==> flow/design.v <==
module cpu_cmp #(
    parameter integer WIDTH = 40
) (
    input wire sys_clk,
    input wire i_rst,
    input wire [WIDTH-1:0] first,
    input wire [WIDTH-1:0] second,
    output reg less,
    output reg is_eq,
    output reg gt
);
    reg [WIDTH-1:0] first_q;
    always @(posedge sys_clk) begin
        if (i_rst) begin
            first_q <= 0;
        end else begin
            first_q <= first;
        end
    end
    reg [WIDTH-1:0] second_q;
    always @(posedge sys_clk) begin
        if (i_rst) begin
            second_q <= 0;
        end else begin
            second_q <= second;
        end
    end
    always @(posedge sys_clk) begin
        if (i_rst) begin
            less <= 1'b0;
        end else begin
            less <= (first_q < second_q);
        end
    end
    always @(posedge sys_clk) begin
        if (i_rst) begin
            is_eq <= 1'b0;
        end else begin
            is_eq <= (first_q == second_q);
        end
    end
    always @(posedge sys_clk) begin
        if (i_rst) begin
            gt <= 1'b0;
        end else begin
            gt <= (first_q > second_q);
        end
    end
endmodule
-- Step by step through the tools: cpu_cmp
Tool output for the design above, in the order of the flow.
Line numbers count from 1 in the design file above.
Not given: n/a
- design top: cpu_cmp
- clock input: sys_clk
- library: sky130hd
- corner: tt_025C_1v80

-- Elaborated design
Counts by Yosys on the flattened word-level netlist (proc, flatten, opt, wreduce; memories kept). Register bits leave out memories and registers merged into their read ports (data or address); mux counts leave out enables and synchronous resets folded into registers. Print and check cells are left out. Cells with the same type and inputs are merged into one.
- noted register bits: 83
- bits of input ports: 82
- output and inout bits: 3
- cells after elaboration at 8
- $lt $le $gt $ge: 2
- noted eq/ne operators: 1
- operators with widths (cell ; number):
    greater-than comparator 40 bit ; 1
    < comparator 40 bit ; 1
    equality test 40 bit ; 1

-- Logic depth
Depth = most cells in a row (Yosys ltp): at word level without a register or memory, in the mapped netlist without a sequential cell, where the memories' decode and read muxes count.
- noted depth after elaboration: 1
- ABC_AREA at 0
- depth in mapped cells: 7
- mapped depth without buffers: 7

-- Netlist
Source: synth_stat.txt of the flow (Yosys; design flattened, memories mapped). It holds for the ABC_AREA given above (unset counts as 0); a run with the other value may have another netlist.
The area totals of this step are shown rounded.
- noted mapped cells: 318
- chip area (Yosys): 3300 um^2
- sequential part of the area: 1660 um^2
- noted flip-flops: 83
- buffer cells at 9
- cells by type (cell ; number ; area in all (um^2)):
    sky130_fd_sc_hd__dfxtp_1 ; 83 ; 1.66E+03
    sky130_fd_sc_hd__nor2b_1 ; 81 ; 506.736
    sky130_fd_sc_hd__ha_1 ; 40 ; 500.48
    sky130_fd_sc_hd__inv_1 ; 40 ; 150.144
    sky130_fd_sc_hd__a21oi_1 ; 16 ; 80.077
    sky130_fd_sc_hd__nand4_4 ; 2 ; 42.541
    sky130_fd_sc_hd__nor4_4 ; 2 ; 42.541
    sky130_fd_sc_hd__nand4_1 ; 5 ; 31.28
    sky130_fd_sc_hd__clkbuf_1 ; 8 ; 30.029
    sky130_fd_sc_hd__nand2_1 ; 8 ; 30.029
    sky130_fd_sc_hd__nand4_2 ; 2 ; 25.024
    sky130_fd_sc_hd__nor2_1 ; 5 ; 18.768
    sky130_fd_sc_hd__a21o_1 ; 2 ; 15.014
    sky130_fd_sc_hd__nand3_1 ; 3 ; 15.014
    sky130_fd_sc_hd__o21ai_0 ; 3 ; 15.014
    sky130_fd_sc_hd__o21ai_1 ; 3 ; 15.014
    sky130_fd_sc_hd__a221o_1 ; 1 ; 10.01
    sky130_fd_sc_hd__a22o_2 ; 1 ; 10.01
Not listed: further types 13, cells in them 13.

-- Path before layout
OpenSTA on the mapped netlist: ideal clock, no wires. The path of least setup slack (recovery checks aside). Input and output delay are each 20% of the period. Register names are those of the netlist, which keeps one name where synthesis merged equal registers.
- kind: register -> register
- from: reg second_q[22]
- to: reg less
- clock period: 2.04 ns
- library setup time: 0.117 ns
- time at the first pin at 0.000 ns
- noted arrival time: 1.516 ns
- data required time at 1.923 ns
- noted slack: 0.407 ns
- delay of the path at 1.633 ns
- driving pins on the path at 8
- buffers on the path: 0
- synthesis period reached at 1.633 ns
"delay of the path" is the arrival time less input delay plus setup time.
"driving pins on the path" counts driving pins, that of a launching flip-flop among them; a cell with two outputs on the path counts twice.
"synthesis period reached" is the clock period less the worst setup slack; recovery checks do not enter. This is arithmetic on one report: input and output delays are still those of the set period (20% each).
The rows between start and end are the longest chain of elaborated cells between them; the timing report does not say that the signal goes this way. Where chains are equally long, one stands for them.
Each line given opens the expression or statement behind the cell; cells for indexed reads and writes are added by Yosys, which also makes memories of some case tables.
- path through: sky130_fd_sc_hd__dfxtp_1 -> sky130_fd_sc_hd__inv_1 -> sky130_fd_sc_hd__ha_1 -> sky130_fd_sc_hd__nand4_2 -> sky130_fd_sc_hd__nor4_4 -> sky130_fd_sc_hd__and3_1 -> sky130_fd_sc_hd__o31ai_1 -> sky130_fd_sc_hd__and4b_1
- length of the longest elaborated chain: 1
- elaborated cells between the ends (all ways) at 1
- noted source lines of those cells: 1
- classes of those cells: 1 x compare
- RTL lines, path after synthesis (element ; line ; source):
    start, declared ; 20 ; reg [WIDTH-1:0] second_q;
    start, assigned ; 23 ; second_q <= 0;
    start, assigned ; 25 ; second_q <= second;
    < comparator 40 bit ; 32 ; less <= (first_q < second_q);
    end, assigned ; 30 ; less <= 1'b0;
    end, assigned ; 32 ;
    end, declared ; 8 ; output reg less,

-- Path in the finished layout
From the final timing report of flow run 1: the path of least setup slack in the routed layout; clock arrival at registers is part of the times.
- kind: register -> register
- from: reg second_q[39]
- to: reg less
- clock period: 2.04 ns
- library setup time: 0.10 ns
- time at the first pin at 0.33 ns
- noted arrival time: 2.01 ns
- data required time at 2.27 ns
- noted slack: 0.26 ns
- driving pins on the path at 8
- buffers on the path: 0
The rows between start and end are the longest chain of elaborated cells between them; the timing report does not say that the signal goes this way. Where chains are equally long, one stands for them.
- path through: sky130_fd_sc_hd__dfxtp_1 -> sky130_fd_sc_hd__inv_1 -> sky130_fd_sc_hd__ha_1 -> sky130_fd_sc_hd__nand4_4 -> sky130_fd_sc_hd__nor4_4 -> sky130_fd_sc_hd__and3_1 -> sky130_fd_sc_hd__o31ai_1 -> sky130_fd_sc_hd__and4b_1
- length of the longest elaborated chain: 1
- elaborated cells between the ends (all ways) at 1
- noted source lines of those cells: 1
- classes of those cells: 1 x compare
- RTL lines, path post-layout (element ; line ; source):
    start, declared ; 20 ; reg [WIDTH-1:0] second_q;
    start, assigned ; 23 ; second_q <= 0;
    start, assigned ; 25 ; second_q <= second;
    < comparator 40 bit ; 32 ; less <= (first_q < second_q);
    end, assigned ; 30 ; less <= 1'b0;
    end, assigned ; 32 ;
    end, declared ; 8 ; output reg less,

Subject: flow runs of cpu_cmp

Hi,

Record of 3 stored runs of the RTL-to-layout flow on cpu_cmp, platform sky130hd. The runs are unordered. Constraints: input delay and output delay 20% of the set period each, output load 0.01 pF.
"period reached" = clock period - worst setup slack. The figure is calculated, with input and output delays left at 20% of the set period.
"worst setup path time": the worst setup path's part of the clock period (all of it between registers, 20% less for each end at a port) less its slack. A launch clock that arrives late makes it longer, a capture clock that arrives late makes it shorter.
By "total power of the final layout" is meant OpenSTA's value without simulated activity: inputs other than the clock are taken to toggle once in ten clock periods, and the tool carries that through the logic.
The measured numbers are rounded.

Flow run 1

==> flow/run.sh <==
#!/bin/bash
# the make line also repeats the synthesis and layout settings of config.mk as NAME=value (left out here)
make -C /OpenROAD-flow-scripts/flow DESIGN_CONFIG=/design/flow/config.mk WORK_HOME=/design/flow/orfs CLKGATE_MAP_FILE= finish
==> flow/config.mk <==
export PLATFORM = sky130hd
export DESIGN_NAME = cpu_cmp
export DESIGN_NICKNAME = cpu_cmp
export VERILOG_FILES = /design/flow/design.v
export SDC_FILE = /design/flow/constraint.sdc
export NUM_CORES = 4
export LEC_CHECK = 0
export CAP_MARGIN = 20
export CORE_MARGIN = 2
export CORE_UTILIZATION = 40
export SLEW_MARGIN = 20
==> flow/constraint.sdc <==
create_clock -name core_clock -period 2.04 [get_ports {sys_clk}]
set_input_delay 0.4080 -clock core_clock [delete_from_list [all_inputs] [get_ports {sys_clk}]]
set_output_delay 0.4080 -clock core_clock [all_outputs]
set_load 0.01 [all_outputs]

Measured in flow run 1:
- area of the synthesized netlist at 3300 um^2
- setup TNS at 0.000 ns
- smallest setup slack: 0.257 ns
- noted the overall die area: 8990 um^2
- area of the standard cells in the finished layout at 4450 um^2
- total power of the final layout: 3.35 mW
- worst hold slack: 0.537 ns
- worst setup path time at 1.78 ns
- worst setup path type: register -> register
- period reached at 1.783 ns

Flow run 2

==> flow/run.sh <==
#!/bin/bash
# the make line also repeats the synthesis and layout settings of config.mk as NAME=value (left out here)
make -C /OpenROAD-flow-scripts/flow DESIGN_CONFIG=/design/flow/config.mk WORK_HOME=/design/flow/orfs CLKGATE_MAP_FILE= finish
==> flow/config.mk <==
export PLATFORM = sky130hd
export DESIGN_NAME = cpu_cmp
export DESIGN_NICKNAME = cpu_cmp
export VERILOG_FILES = /design/flow/design.v
export SDC_FILE = /design/flow/constraint.sdc
export NUM_CORES = 4
export LEC_CHECK = 0
export CAP_MARGIN = 20
export CELL_PAD_IN_SITES_GLOBAL_PLACEMENT = 1
export CORE_ASPECT_RATIO = 0.78
export CORE_MARGIN = 2
export CORE_UTILIZATION = 69
export MAX_ROUTING_LAYER = met4
export PLACE_DENSITY_LB_ADDON = 0.07
export SETUP_SLACK_MARGIN = 0.38
export SLEW_MARGIN = 20
==> flow/constraint.sdc <==
create_clock -name core_clock -period 2.29 [get_ports {sys_clk}]
set_input_delay 0.4580 -clock core_clock [delete_from_list [all_inputs] [get_ports {sys_clk}]]
set_output_delay 0.4580 -clock core_clock [all_outputs]
set_load 0.01 [all_outputs]

Flow run 2: did not finish, placement stopped with FLW-0024.

Flow run 3

==> flow/run.sh <==
#!/bin/bash
# the make line also repeats the synthesis and layout settings of config.mk as NAME=value (left out here)
make -C /OpenROAD-flow-scripts/flow DESIGN_CONFIG=/design/flow/config.mk WORK_HOME=/design/flow/orfs CLKGATE_MAP_FILE= finish
==> flow/config.mk <==
export PLATFORM = sky130hd
export DESIGN_NAME = cpu_cmp
export DESIGN_NICKNAME = cpu_cmp
export VERILOG_FILES = /design/flow/design.v
export SDC_FILE = /design/flow/constraint.sdc
export NUM_CORES = 4
export LEC_CHECK = 0
export CAP_MARGIN = 20
export CELL_PAD_IN_SITES_DETAIL_PLACEMENT = 1
export CELL_PAD_IN_SITES_GLOBAL_PLACEMENT = 1
export CORE_MARGIN = 2
export CORE_UTILIZATION = 42
export CTS_CLUSTER_DIAMETER = 295
export CTS_CLUSTER_SIZE = 79
export PLACE_DENSITY_LB_ADDON = 0.07
export SETUP_SLACK_MARGIN = 0.03
export SLEW_MARGIN = 20
==> flow/constraint.sdc <==
create_clock -name core_clock -period 1.61 [get_ports {sys_clk}]
set_input_delay 0.3220 -clock core_clock [delete_from_list [all_inputs] [get_ports {sys_clk}]]
set_output_delay 0.3220 -clock core_clock [all_outputs]
set_load 0.01 [all_outputs]

Measured in flow run 3:
- area of the synthesized netlist at 3300 um^2
- setup TNS at -0.196 ns
- smallest setup slack: -0.140 ns
- noted the overall die area: 8580 um^2
- area of the standard cells in the finished layout at 4840 um^2
- total power of the final layout: 4.81 mW
- worst hold slack: 0.391 ns
- worst setup path time at 1.75 ns
- worst setup path type: register -> register
- period reached at 1.750 ns

Regards
